==> flow/design.v <==
module add_mod #(
    parameter DATA_WIDTH = 96
) (
    input  wire ck,
    input  wire [DATA_WIDTH-1:0] rs1_in,
    input  wire [DATA_WIDTH-1:0] rs2_in,
    input  wire cy_in_in,
    output wire [DATA_WIDTH-1:0] o_out,
    output wire cy_out
);
    reg [DATA_WIDTH-1:0] rs1_s;
    reg [DATA_WIDTH-1:0] rs2_s;
    reg cy_in_s;
    always @(posedge ck) begin
        rs1_s <= rs1_in;
        rs2_s <= rs2_in;
        cy_in_s <= cy_in_in;
    end
    wire [DATA_WIDTH-1:0] r;
    wire [DATA_WIDTH:0] carry;
    assign carry[0] = cy_in_s;
    genvar g;
    generate
        for (g = 0; g < DATA_WIDTH; g = g + 1) begin : slice
            assign r[g] = rs1_s[g] ^ rs2_s[g] ^ carry[g];
            assign carry[g+1] = (rs1_s[g] & rs2_s[g]) | (carry[g] & (rs1_s[g] ^ rs2_s[g]));
        end
    endgenerate
    assign o_out = r;
    assign cy_out = carry[DATA_WIDTH];
endmodule
From RTL to reports: add_mod
Tool output for the design above, in the order of the flow.
Line numbers count from 1 in the design file above.
Cell names lack the library's common part.
{ "design": {"design": "add_mod", "clock_port": "ck", "lib": "sky130hd", "lib_corner": "tt_025C_1v80"} }

Word level
Source: Yosys, flattened and elaborated, memories not mapped. Widths are those after wreduce; folded enables and synchronous resets count as part of the registers. Registers that Yosys merges into a memory's read port (data or address) are not register bits. Print and check cells do not count. Equal cells are merged and count once.
{ "op_classes": {"logic": 480} }
{ "op_table": {"columns": ["op", "n"], "rows": [
  ["1-bit AND", 192],
  ["1-bit XOR", 192],
  ["1-bit bitwise OR", 96]
]} }
{ "word_totals": {"reg_bits": 193, "inputBits": 194, "output_inout_bits": 97} }

Longest topological paths
Depth = most cells in a row (Yosys ltp): at word level without a register or memory, in the mapped netlist without a sequential cell, where the memories' decode and read muxes count.
{ "depth": {"word_depth": 193, "ABC_AREA": 0, "depth_mapped": 100, "mapped_depth_nobuf": 100} }

After synthesis
Source: synth_stat.txt of the flow (Yosys; design flattened, memories mapped). It holds for the ABC_AREA given above (unset counts as 0); a run with the other value may have another netlist.
Totals and module areas in this step are rounded.
{ "synth_totals": {"mapped_cells": 299, "yosys_area_um2": 5820, "seq_area_um2": 3860, "ff_cells": 193} }
{ "by_type": {"columns": ["cell_type", "n", "type_area_um2"], "rows": [
  ["dfxtp_1", 193, 3.86E+03],
  ["fa_1", 96, 1.92E+03],
  ["inv_1", 10, 37.536]
]} }

Path before layout
Path of least setup slack by OpenSTA after synthesis, without wires, with an ideal clock, recovery checks aside; 20% of the period is set as input and as output delay. Where synthesis merged equal registers, the netlist keeps one of their names.
{ "synth_timing": {"kind": "register -> output", "from": "register rs1_s[0]", "to": "output o_out[95]", "clock_period_ps": 57500, "output_delay_ps": 11500, "t_first_pin_ps": 0, "arrival_ps": 36787, "slack_ps": 9213, "path_delay_ps": 36787, "path_stages": 101, "period_less_setup_slack_ps": 48287} }
"path_delay_ps" is the arrival time less input delay plus setup time.
At an output port there is no setup time.
"path_stages": output pins that drive a net of the path, with the launching flip-flop's if there is one; two outputs of one cell count as two.
"period_less_setup_slack_ps" is the clock period less the worst setup slack; recovery checks do not enter. This is arithmetic on one report: input and output delays are still those of the set period (20% each).
The rows between start and end are the longest chain of elaborated cells between them; the timing report does not say that the signal goes this way. Where chains are equally long, one stands for them.
Each line given opens the expression or statement behind the cell; cells for indexed reads and writes are added by Yosys, which also makes memories of some case tables.
{ "synth_between": {"cell_sequence": "dfxtp_1 fa_1 fa_1 fa_1 fa_1 fa_1 fa_1 fa_1 fa_1 fa_1 fa_1 fa_1 fa_1 fa_1 fa_1 fa_1 fa_1 fa_1 [65 not listed] fa_1 fa_1 fa_1 fa_1 fa_1 fa_1 fa_1 fa_1 fa_1 fa_1 fa_1 inv_1 fa_1 inv_1 fa_1 inv_1 fa_1 inv_1", "elab_chain_len": 192} }
{ "synth_rtl": {"columns": ["element", "line", "source"], "rows": [
  ["start: declaration", 11, "reg [DATA_WIDTH-1:0] rs1_s;"],
  ["start: assignment", 15, "rs1_s <= rs1_in;"],
  ["1-bit XOR", 26, "assign carry[g+1] = (rs1_s[g] & rs2_s[g]) | (carry[g] & (rs1_s[g] ^ rs2_s[g]));"],
  ["1-bit AND", 26, null],
  ["1-bit bitwise OR", 26, null],
  ["1-bit AND", 26, null],
  ["1-bit bitwise OR", 26, null],
  ["1-bit AND", 26, null],
  ["1-bit bitwise OR", 26, null],
  ["[178 not listed]", null, null],
  ["1-bit AND", 26, null],
  ["1-bit bitwise OR", 26, null],
  ["1-bit AND", 26, null],
  ["1-bit bitwise OR", 26, null],
  ["1-bit AND", 26, null],
  ["1-bit bitwise OR", 26, null],
  ["1-bit XOR", 25, "assign r[g] = rs1_s[g] ^ rs2_s[g] ^ carry[g];"],
  ["end: declaration", 8, "output wire [DATA_WIDTH-1:0] o_out,"]
]} }

Worst path after layout
From the final timing report of run 1: the path of least setup slack in the routed layout; clock arrival at registers is part of the times.
The report prints the path's times to 10 ps; the period is as set.
{ "layout_timing": {"kind": "register -> output", "from": "register rs1_s[0]", "to": "output o_out[95]", "clock_period_ps": 57500, "output_delay_ps": 11500, "t_first_pin_ps": 410, "arrival_ps": 39450, "slack_ps": 6550, "path_stages": 102} }
The rows between start and end are the longest chain of elaborated cells between them; the timing report does not say that the signal goes this way. Where chains are equally long, one stands for them.
{ "layout_between": {"cell_sequence": "dfxtp_1 fa_1 fa_1 fa_1 fa_1 fa_1 fa_1 fa_1 fa_1 fa_1 fa_1 fa_1 fa_1 fa_1 fa_1 fa_1 fa_1 fa_1 [66 not listed] fa_1 fa_1 fa_1 fa_1 fa_1 fa_1 fa_1 fa_1 fa_1 fa_1 inv_1 fa_1 inv_1 fa_1 inv_1 fa_1 inv_1 clkdlybuf4s50_1", "elab_chain_len": 192} }
{ "layout_rtl": {"columns": ["element", "line", "source"], "rows": [
  ["start: declaration", 11, "reg [DATA_WIDTH-1:0] rs1_s;"],
  ["start: assignment", 15, "rs1_s <= rs1_in;"],
  ["1-bit XOR", 26, "assign carry[g+1] = (rs1_s[g] & rs2_s[g]) | (carry[g] & (rs1_s[g] ^ rs2_s[g]));"],
  ["1-bit AND", 26, null],
  ["1-bit bitwise OR", 26, null],
  ["1-bit AND", 26, null],
  ["1-bit bitwise OR", 26, null],
  ["1-bit AND", 26, null],
  ["1-bit bitwise OR", 26, null],
  ["[178 not listed]", null, null],
  ["1-bit AND", 26, null],
  ["1-bit bitwise OR", 26, null],
  ["1-bit AND", 26, null],
  ["1-bit bitwise OR", 26, null],
  ["1-bit AND", 26, null],
  ["1-bit bitwise OR", 26, null],
  ["1-bit XOR", 25, "assign r[g] = rs1_s[g] ^ rs2_s[g] ^ carry[g];"],
  ["end: declaration", 8, "output wire [DATA_WIDTH-1:0] o_out,"]
]} }

Settings and measured results of 3 stored flow runs for module add_mod (sky130hd), not sorted in any way. The constraints put input and output delay at 20% of the set period each and load the outputs with 0.01 pF.
"achieved clock period" is the run's clock period less its worst setup slack. It is reckoned from that one timing run; input and output delays stay at 20% of the period that was set.
"worst setup path time" is the time allowed to the run's worst setup path (the clock period less input and output delay, where it has them) less its slack. Clock arrival times count: a late capture clock shortens it, a late launch clock lengthens it.
"total power after layout" rests on the timing tool's default activity at the inputs, not on a simulated workload.
"worst setup path time" is given in steps of 10 ps.
The results are shown rounded.

==> run 1: settings <==
{ "period_ns": 57.5, "CAP_MARGIN": 20, "CORE_MARGIN": 2, "CORE_UTILIZATION": 40, "SLEW_MARGIN": 20 }
==> run 1: results <==
utilization after routing: 66.0%
full die area: 15500 µm²
smallest setup slack: 6550 ps
worst setup path time: 39450 ps
type of the worst setup path: register -> output
total power after layout: 317 µW
lowest hold slack: 11500 ps
setup total negative slack: 0 ps
standard-cell area after layout: 9480 µm²
achieved clock period: 50951 ps
Yosys chip area after synthesis: 5820 µm²

==> run 2: settings <==
{ "period_ns": 36.2, "CORE_UTILIZATION": 28, "SETUP_SLACK_MARGIN": 1.77, "PLACE_DENSITY": 0.49, "TNS_END_PERCENT": 75, "GPL_ROUTABILITY_DRIVEN": 1, "CTS_CLUSTER_DIAMETER": 102, "MAX_ROUTING_LAYER": "met5", "CAP_MARGIN": 20, "CORE_MARGIN": 2, "SLEW_MARGIN": 20 }
==> run 2: results <==
utilization after routing: 49.1%
full die area: 22000 µm²
smallest setup slack: -5720 ps
worst setup path time: 34680 ps
type of the worst setup path: register -> output
total power after layout: 540 µW
lowest hold slack: 7250 ps
setup total negative slack: -54900 ps
standard-cell area after layout: 9960 µm²
achieved clock period: 41921 ps
Yosys chip area after synthesis: 5820 µm²

==> run 3: settings <==
{ "period_ns": 46.1, "CORE_UTILIZATION": 28, "SETUP_SLACK_MARGIN": 1.94, "CORE_ASPECT_RATIO": 0.87, "CTS_CLUSTER_SIZE": 84, "CTS_CLUSTER_DIAMETER": 375, "CAP_MARGIN": 5, "MAX_ROUTING_LAYER": "met5", "CORE_MARGIN": 2, "SLEW_MARGIN": 20 }
==> run 3: results <==
utilization after routing: 48.1%
full die area: 22000 µm²
smallest setup slack: 1990 ps
worst setup path time: 34890 ps
type of the worst setup path: register -> output
total power after layout: 409 µW
lowest hold slack: 9230 ps
setup total negative slack: 0 ps
standard-cell area after layout: 9870 µm²
achieved clock period: 44114 ps
Yosys chip area after synthesis: 5820 µm²
